==> flow/design.v <==
module gen_cmp_unit (sys_clk, aresetn, i_op_a, i_op_b, o_is_gt);
    parameter WIDTH = 80;
    input sys_clk;
    input aresetn;
    input [WIDTH-1:0] i_op_a;
    input [WIDTH-1:0] i_op_b;
    output reg o_is_gt;
    always @(posedge sys_clk or negedge aresetn) begin
        if (~aresetn) begin
            o_is_gt <= 1'b0;
        end else begin
            o_is_gt <= (i_op_a > i_op_b);
        end
    end
endmodule
# [Step by step through the tools: gen_cmp_unit]
# What the tools print for gen_cmp_unit, step after step.
# Line numbers count from 1 in the design file above.
# Operators: Yosys type, input widths -> output width; for muxes data width and select width s.
# The mark -- stands for no value.
[setup] top="gen_cmp_unit" clock="sys_clk" library="sky130hd" pvt_corner="tt_025C_1v80"

# [After elaboration]
# Source: Yosys, flattened and elaborated, memories not mapped. Widths are those after wreduce; folded enables and synchronous resets count as part of the registers. Registers that Yosys merges into a memory's read port (data or address) are not register bits. Print and check cells do not count. Equal cells are merged and count once.
[bits] regBits=1 output_inout_bits=1
[op_classes] cmp=1
[ops] op="$gt 80x80->1" n=1

# [Depth]
# Yosys ltp: most cells in a row. Word level: on the elaborated netlist, between registers, memories and ports. Mapped: between sequential cells and ports; inverters and the memories' decode and read muxes count.
[logic_depth] ltp_word=1 abc_area=1 depth_mapped=15

# [Mapped cells and area]
# The flow's flattened synthesis, as Yosys stat reports it; memories are mapped. The netlist is that of the ABC_AREA named above (0 if unset); the other value can give another one.
[synth_totals] ffs=1 n_buf=0 seqArea_um2=25.0 mapped_cells=374 mapped_area_um2=2255.9
[types] cell="sky130_fd_sc_hd__ha_1" n=80 type_area_um2=1000.96
[types] cell="sky130_fd_sc_hd__inv_1" n=100 type_area_um2=375.36
[types] cell="sky130_fd_sc_hd__nand2_1" n=94 type_area_um2=352.838
[types] cell="sky130_fd_sc_hd__a21oi_1" n=30 type_area_um2=150.144
[types] cell="sky130_fd_sc_hd__nor2_1" n=25 type_area_um2=93.84
[types] cell="sky130_fd_sc_hd__nand4_1" n=7 type_area_um2=43.792
[types] cell="sky130_fd_sc_hd__nand3_1" n=8 type_area_um2=40.038
[types] cell="sky130_fd_sc_hd__nor2_2" n=6 type_area_um2=37.536
[types] cell="sky130_fd_sc_hd__dfrtp_1" n=1 type_area_um2=25.024
[types] cell="sky130_fd_sc_hd__a21o_1" n=3 type_area_um2=22.522
[types] cell="sky130_fd_sc_hd__o21ai_0" n=4 type_area_um2=20.019
[types] cell="sky130_fd_sc_hd__nor3_1" n=3 type_area_um2=15.014
[types] cell="sky130_fd_sc_hd__clkinv_1" n=3 type_area_um2=11.261
[types] cell="sky130_fd_sc_hd__nand2_4" n=1 type_area_um2=11.261
[types] cell="sky130_fd_sc_hd__o21ai_1" n=2 type_area_um2=10.01
[types] cell="sky130_fd_sc_hd__a21oi_2" n=1 type_area_um2=8.758
[types] cell="sky130_fd_sc_hd__and3b_1" n=1 type_area_um2=8.758
[types] cell="sky130_fd_sc_hd__a21boi_1" n=1 type_area_um2=7.507
# Not listed: further types 3, cells in them 4.

# [Worst setup path after synthesis]
# Source: OpenSTA report_checks on the synthesized netlist (no wires, ideal clock, input and output delay 20% of the period each), path of least setup slack; recovery checks are left aside. Register names are those of the netlist, which keeps one name where synthesis merged equal registers.
[synth_path] path_type="in2reg" from="input i_op_b[75]" to="register o_is_gt" tclk_ps=2430 arrival_time_ps=1544 required_time_ps=2309 delay_ps=1179 t_first_pin_ps=486 driving_pins=10 setup_slack_ps=765 period_less_setup_slack_ps=1665
# "delay_ps" = arrival - input delay + setup time.
# "driving_pins" counts driving pins, that of a launching flip-flop among them; a cell with two outputs on the path counts twice.
# "period_less_setup_slack_ps" is the clock period less the worst setup slack; recovery checks do not enter. This is arithmetic on one report: input and output delays are still those of the set period (20% each).
# The rows between start and end are the longest chain of elaborated cells between them; the timing report does not say that the signal goes this way. Where chains are equally long, one stands for them.
# Each line given opens the expression or statement behind the cell; cells for indexed reads and writes are added by Yosys, which also makes memories of some case tables.
[synth_via] path_cell_list="sky130_fd_sc_hd__inv_1 sky130_fd_sc_hd__ha_1 sky130_fd_sc_hd__a21oi_1 sky130_fd_sc_hd__nand3_1 sky130_fd_sc_hd__nand2_1 sky130_fd_sc_hd__nand2_1 sky130_fd_sc_hd__a21oi_1 sky130_fd_sc_hd__nand2_4 sky130_fd_sc_hd__nor2_1 sky130_fd_sc_hd__a21oi_2" elab_chain_len=1
[synth_lines] item="start: declaration" line=6 source="input [WIDTH-1:0] i_op_b;"
[synth_lines] item="$gt 80x80->1" line=12 source="o_is_gt <= (i_op_a > i_op_b);"
[synth_lines] item="end: assignment" line=10 source="o_is_gt <= 1'b0;"
[synth_lines] item="end: assignment" line=12
[synth_lines] item="end: declaration" line=7 source="output reg o_is_gt;"

# [Path in the finished layout]
# Path of least setup slack in the final report of flow run 3 (OpenROAD, finished layout, wires in). Where an end is a register, its clock arrival counts in the times.
# The report prints the path's times to 10 ps; the period is as set.
[layout_path] path_type="in2reg" from="input i_op_b[28]" to="register o_is_gt" arrival_time_ps=1500 t_first_pin_ps=330 required_time_ps=1540 setup_slack_ps=40 driving_pins=11 tclk_ps=1660
# The rows between start and end are the longest chain of elaborated cells between them; the timing report does not say that the signal goes this way. Where chains are equally long, one stands for them.
[layout_via] path_cell_list="sky130_fd_sc_hd__buf_2 sky130_fd_sc_hd__inv_2 sky130_fd_sc_hd__ha_4 sky130_fd_sc_hd__nand2_4 sky130_fd_sc_hd__nor2_4 sky130_fd_sc_hd__nand2_2 sky130_fd_sc_hd__nor2_4 sky130_fd_sc_hd__nand3_2 sky130_fd_sc_hd__nor2_2 sky130_fd_sc_hd__and3b_1 sky130_fd_sc_hd__a21oi_2" elab_chain_len=1
[layout_lines] item="start: declaration" line=6 source="input [WIDTH-1:0] i_op_b;"
[layout_lines] item="$gt 80x80->1" line=12 source="o_is_gt <= (i_op_a > i_op_b);"
[layout_lines] item="end: assignment" line=10 source="o_is_gt <= 1'b0;"
[layout_lines] item="end: assignment" line=12
[layout_lines] item="end: declaration" line=7 source="output reg o_is_gt;"

Add stored flow runs of gen_cmp_unit

Flow measurements of gen_cmp_unit on sky130hd: 3 stored runs with different settings, listed in no order. Input and output delays are each 20% of the period that was set; the output load is 0.01 pF.
By "achieved clock period" is meant the clock period of the run minus its worst setup slack. This is arithmetic on one report: input and output delays are still those of the set period (20% each).
"worst setup path time" means the part of the period allowed to the worst setup path (the constraints hold back 20% at inputs and 20% at outputs) less its slack; where the path has registers, the arrival times of their clocks count too.
"power" rests on the timing tool's default activity at the inputs, not on a simulated workload.
"worst setup path time" is known to 10 ps.
[flow run 1] settings: period_ns=2.43, CAP_MARGIN=20, CORE_MARGIN=2, CORE_UTILIZATION=40, SLEW_MARGIN=20
[flow run 1] result: did not finish, routing stopped with ODB-0269
[flow run 2] settings: period_ns=2.38, CORE_UTILIZATION=25, PLACE_DENSITY_LB_ADDON=0.13, CELL_PAD_IN_SITES_GLOBAL_PLACEMENT=3, CELL_PAD_IN_SITES_DETAIL_PLACEMENT=0, GPL_TIMING_DRIVEN=0, CTS_CLUSTER_SIZE=65, CAP_MARGIN=20, CORE_MARGIN=2, SLEW_MARGIN=20
[flow run 2] result: did not finish, placement stopped with FLW-0024
[flow run 3] settings: period_ns=1.66, CORE_UTILIZATION=16, SETUP_SLACK_MARGIN=0.39, PLACE_DENSITY_LB_ADDON=0.09, CORE_MARGIN=3, CELL_PAD_IN_SITES_GLOBAL_PLACEMENT=1, TNS_END_PERCENT=95, ABC_AREA=1, GPL_ROUTABILITY_DRIVEN=1, CTS_CLUSTER_SIZE=74, CAP_MARGIN=35, MAX_ROUTING_LAYER=met5, SLEW_MARGIN=20
[flow run 3] result: chip area after synthesis (Yosys) 2255.9 µm², die area 15560.1 µm², standard-cell area of the final layout 5223.8 µm², utilization 38.7 %, worst setup slack after layout 37 ps, total negative slack 0 ps, power 1307 uW, achieved clock period 1623 ps, worst setup path time 1290 ps, worst setup path kind in2reg
